==> flow/design.v <==
module gen_mag_cmp #(
    parameter int DATA_W = 8,
    parameter int COUNT = 7
) (
    input logic clk,
    input logic aresetn,
    input logic [COUNT*DATA_W-1:0] src,
    output logic [DATA_W-1:0] hi
);
    logic [COUNT*DATA_W-1:0] src_ff;
    always_ff @(posedge clk or negedge aresetn) begin
        if (!aresetn) begin
            src_ff <= '0;
        end else begin
            src_ff <= src;
        end
    end
    wire [DATA_W-1:0] tree [1:2*COUNT-1];
    for (genvar g = 0; g < COUNT; g++) begin : g_bit
        assign tree[COUNT+g] = src_ff[g*DATA_W +: DATA_W];
    end
    for (genvar g = 1; g < COUNT; g++) begin : u_g
        assign tree[g] = (tree[2*g] > tree[2*g+1]) ? tree[2*g] : tree[2*g+1];
    end
    logic [DATA_W-1:0] hi_ff;
    always_ff @(posedge clk or negedge aresetn) begin
        if (!aresetn) begin
            hi_ff <= '0;
        end else begin
            hi_ff <= tree[1];
        end
    end
    assign hi = hi_ff;
endmodule
Reports on gen_mag_cmp

Tool output for the design above, in the order of the flow.
Line numbers count from 1 in the design file above.
Operators carry their Yosys type and port widths (W data, S select, Z words).
Cell names lack the library's common part.
The mark n/a stands for no value.

Top: gen_mag_cmp
Clock: clk
Cell library: sky130hd
Library corner: tt_025C_1v80

After elaboration

Source: Yosys, flattened and elaborated. Widths are those after wreduce; folded enables and synchronous resets count as part of the registers. Registers that Yosys merges into a memory's read port (data or address) are not register bits. Print and check cells do not count. Equal cells are merged and count once.

Register bits: 64
Bits of input ports: 58
Word-level cells: 14
Output and inout bits: 8

Multiplexer cells: 6
Order comparisons: 6

Operators with widths:

| operator     | count |
| $gt A8 B8 Y1 | 6 |
| $mux W8      | 6 |

Depth

Depth = most cells in a row (Yosys ltp): at word level without a register or memory, in the mapped netlist without a sequential cell, where the memories' decode and read muxes count.

Word-level depth: 6
ABC_AREA: 0
Gate-level depth with buffers: 27
Depth with buffers taken out: 24

Mapped cells and area

The flow's flattened synthesis, as Yosys stat reports it; memories are mapped. The netlist is that of the ABC_AREA named above (0 if unset); the other value can give another one.
The area totals of this step are shown rounded.

Cell types:

| cell     | count | total area (um^2) |
| dfrtp_1  | 64    | 1.6E+03 |
| ha_1     | 48    | 600.576 |
| mux2i_1  | 23    | 230.221 |
| inv_1    | 49    | 183.926 |
| a21oi_1  | 18    | 90.086 |
| mux2_2   | 7     | 78.826 |
| nor2_1   | 19    | 71.318 |
| nand4_1  | 10    | 62.56 |
| a21o_1   | 8     | 60.058 |
| o211ai_1 | 8     | 60.058 |
| o21ai_1  | 12    | 60.058 |
| nand2_1  | 14    | 52.55 |
| a31oi_1  | 8     | 50.048 |
| o22ai_4  | 2     | 40.038 |
| o211ai_2 | 3     | 37.536 |
| nor2b_1  | 5     | 31.28 |
| nand4_2  | 2     | 25.024 |
| mux2i_4  | 1     | 22.522 |

Other cell types: 19; their cells: 23.

Cells in the netlist: 324
Flip-flop cells: 64
Area of sequential cells: 1,602 um^2
Buffer cells: 5
Chip area (Yosys): 3,547 um^2

Timing after synthesis

Path of least setup slack by OpenSTA after synthesis, without wires, with an ideal clock, recovery checks aside; 20% of the period is set as input and as output delay. Where synthesis merged equal registers, the netlist keeps one of their names.

Kind: register to register
Start: register src_ff[9]
End: register hi_ff[1]
Setup slack: 1.121 ns
Data required time: 5.465 ns
Path delay: 4.470 ns
Stages on the path: 23
Arrival time: 4.345 ns
Time at the first pin: 0.000 ns
Setup time: 0.125 ns
Period: 5.59 ns
Buffers on the path: 1
Period reached after synthesis: 4.469 ns

"path delay" is the arrival time less input delay plus setup time.
"stages on the path" counts driving pins, that of a launching flip-flop among them; a cell with two outputs on the path counts twice.
"period reached after synthesis" = period - worst setup slack (recovery checks aside). The figure is calculated, with input and output delays left at 20% of the set period.
The rows between start and end are the longest chain of elaborated cells between them; the timing report does not say that the signal goes this way. Where chains are equally long, one stands for them.
Each line given opens the expression or statement behind the cell; cells for indexed reads and writes are added by Yosys, which also makes memories of some case tables.

Cells stage by stage: dfrtp_1 ha_1 nor2b_4 o211ai_2 a21oi_2 o22ai_4 mux2i_1 inv_1 ha_1 nor2b_1 o211ai_1 a21oi_1 o22ai_2 mux2_4 ha_1 nor2b_1 o21ai_1 nand2b_1 a21oi_1 o21ai_1 o21a_1 clkbuf_1 mux2_2
Cells in the longest elaborated chain: 6
Elaborated cells between the ends (all ways): 6
Source lines of those cells: 1
Those cells by class: compare (3); mux (3)

RTL lines, path after synthesis:

| what          | RTL line | text |
| from (decl)   | 10       | `logic [COUNT*DATA_W-1:0] src_ff;` |
| from (assign) | 13       | `src_ff <= '0;` |
| from (assign) | 15       | `src_ff <= src;` |
| $gt A8 B8 Y1  | 23       | `assign tree[g] = (tree[2*g] > tree[2*g+1]) ? tree[2*g] : tree[2*g+1];` |
| $mux W8       | 23       |  |
| $gt A8 B8 Y1  | 23       |  |
| $mux W8       | 23       |  |
| $gt A8 B8 Y1  | 23       |  |
| $mux W8       | 23       |  |
| to (assign)   | 28       | `hi_ff <= '0;` |
| to (assign)   | 30       | `hi_ff <= tree[1];` |
| to (decl)     | 25       | `logic [DATA_W-1:0] hi_ff;` |

Worst path after layout

Path of least setup slack in the final report of flow run A (OpenROAD, finished layout, wires in). Where an end is a register, its clock arrival counts in the times.

Kind: register to register
Start: register src_ff[49]
End: register hi_ff[1]
Setup slack: -0.84 ns
Buffers on the path: 3
Data required time: 3.82 ns
Period: 3.61 ns
Arrival time: 4.67 ns
Time at the first pin: 0.34 ns
Stages on the path: 25
Setup time: 0.12 ns

The rows between start and end are the longest chain of elaborated cells between them; the timing report does not say that the signal goes this way. Where chains are equally long, one stands for them.

Cells stage by stage: dfrtp_1 inv_2 ha_4 nor2b_1 o211ai_1 buf_4 and4_4 o21ai_1 o211a_1 inv_2 ha_4 nor2b_4 o211ai_2 a21oi_2 o32a_4 buf_6 buf_6 nor2_2 a21o_1 inv_1 ha_2 nand4_1 o21ai_1 o21a_4 mux2_4
Cells in the longest elaborated chain: 6
Elaborated cells between the ends (all ways): 6
Source lines of those cells: 1
Those cells by class: compare (3); mux (3)

RTL lines, path post-layout:

| what          | RTL line | text |
| from (decl)   | 10       | `logic [COUNT*DATA_W-1:0] src_ff;` |
| from (assign) | 13       | `src_ff <= '0;` |
| from (assign) | 15       | `src_ff <= src;` |
| $gt A8 B8 Y1  | 23       | `assign tree[g] = (tree[2*g] > tree[2*g+1]) ? tree[2*g] : tree[2*g+1];` |
| $mux W8       | 23       |  |
| $gt A8 B8 Y1  | 23       |  |
| $mux W8       | 23       |  |
| $gt A8 B8 Y1  | 23       |  |
| $mux W8       | 23       |  |
| to (assign)   | 28       | `hi_ff <= '0;` |
| to (assign)   | 30       | `hi_ff <= tree[1];` |
| to (decl)     | 25       | `logic [DATA_W-1:0] hi_ff;` |

Memo
Re: implementation data of gen_mag_cmp

Module gen_mag_cmp, platform sky130hd: 3 stored runs of the flow (Yosys, OpenROAD) with differing settings, in no particular order. Input and output delays are each 20% of the period that was set; the output load is 0.01 pF.
"reached clock period": clock period set for the run, less the worst setup slack. It is reckoned from that one timing run; input and output delays stay at 20% of the period that was set.
"time of the worst setup path" means the part of the period allowed to the worst setup path (the constraints hold back 20% at inputs and 20% at outputs) less its slack; where the path has registers, the arrival times of their clocks count too.
"power" rests on the timing tool's default activity at the inputs, not on a simulated workload.
Results are given in rounded form.
Among the settings, -- means not set for that run.
Among the results, -- means that no value is shown for the run.

| name                                   | flow run A           | flow run B           | flow run C |
| period_ns                              | 3.61                 | 5.59                 | 5.21       |
| CORE_UTILIZATION                       | 37                   | 40                   | 59         |
| CORE_ASPECT_RATIO                      | 1.81                 | --                   | 1.99       |
| ABC_AREA                               | 0                    | --                   | --         |
| GPL_ROUTABILITY_DRIVEN                 | 0                    | --                   | --         |
| CTS_CLUSTER_DIAMETER                   | 118                  | --                   | --         |
| CAP_MARGIN                             | 20                   | 20                   | 20         |
| SLEW_MARGIN                            | 5                    | 20                   | 20         |
| MAX_ROUTING_LAYER                      | met4                 | --                   | --         |
| CORE_MARGIN                            | 2                    | 2                    | 4          |
| PLACE_DENSITY                          | --                   | --                   | 0.94       |
| HOLD_SLACK_MARGIN                      | --                   | --                   | -0.02      |
| CELL_PAD_IN_SITES_DETAIL_PLACEMENT     | --                   | --                   | 2          |
| TNS_END_PERCENT                        | --                   | --                   | 55         |
| CTS_CLUSTER_SIZE                       | --                   | --                   | 62         |
| MIN_ROUTING_LAYER                      | --                   | --                   | met2       |
| die size (um^2)                        | 10,420               | 9,637                | --         |
| time of the worst setup path (ns)      | 4.45                 | 5.01                 | --         |
| type of the worst setup path           | register to register | register to register | --         |
| setup slack of the worst path (ns)     | -0.843               | 0.582                | --         |
| power (mW)                             | 2.879                | 1.356                | --         |
| final utilization                      | 0.615                | 0.517                | --         |
| setup total negative slack (ns)        | -6.612               | 0.000                | --         |
| standard-cell area after layout (um^2) | 5,803                | 4,483                | --         |
| reached clock period (ns)              | 4.453                | 5.008                | --         |
| synthesis area (um^2)                  | 3,547                | 3,547                | --         |

Flow run C: not finished: placement ended with error DPL-0033
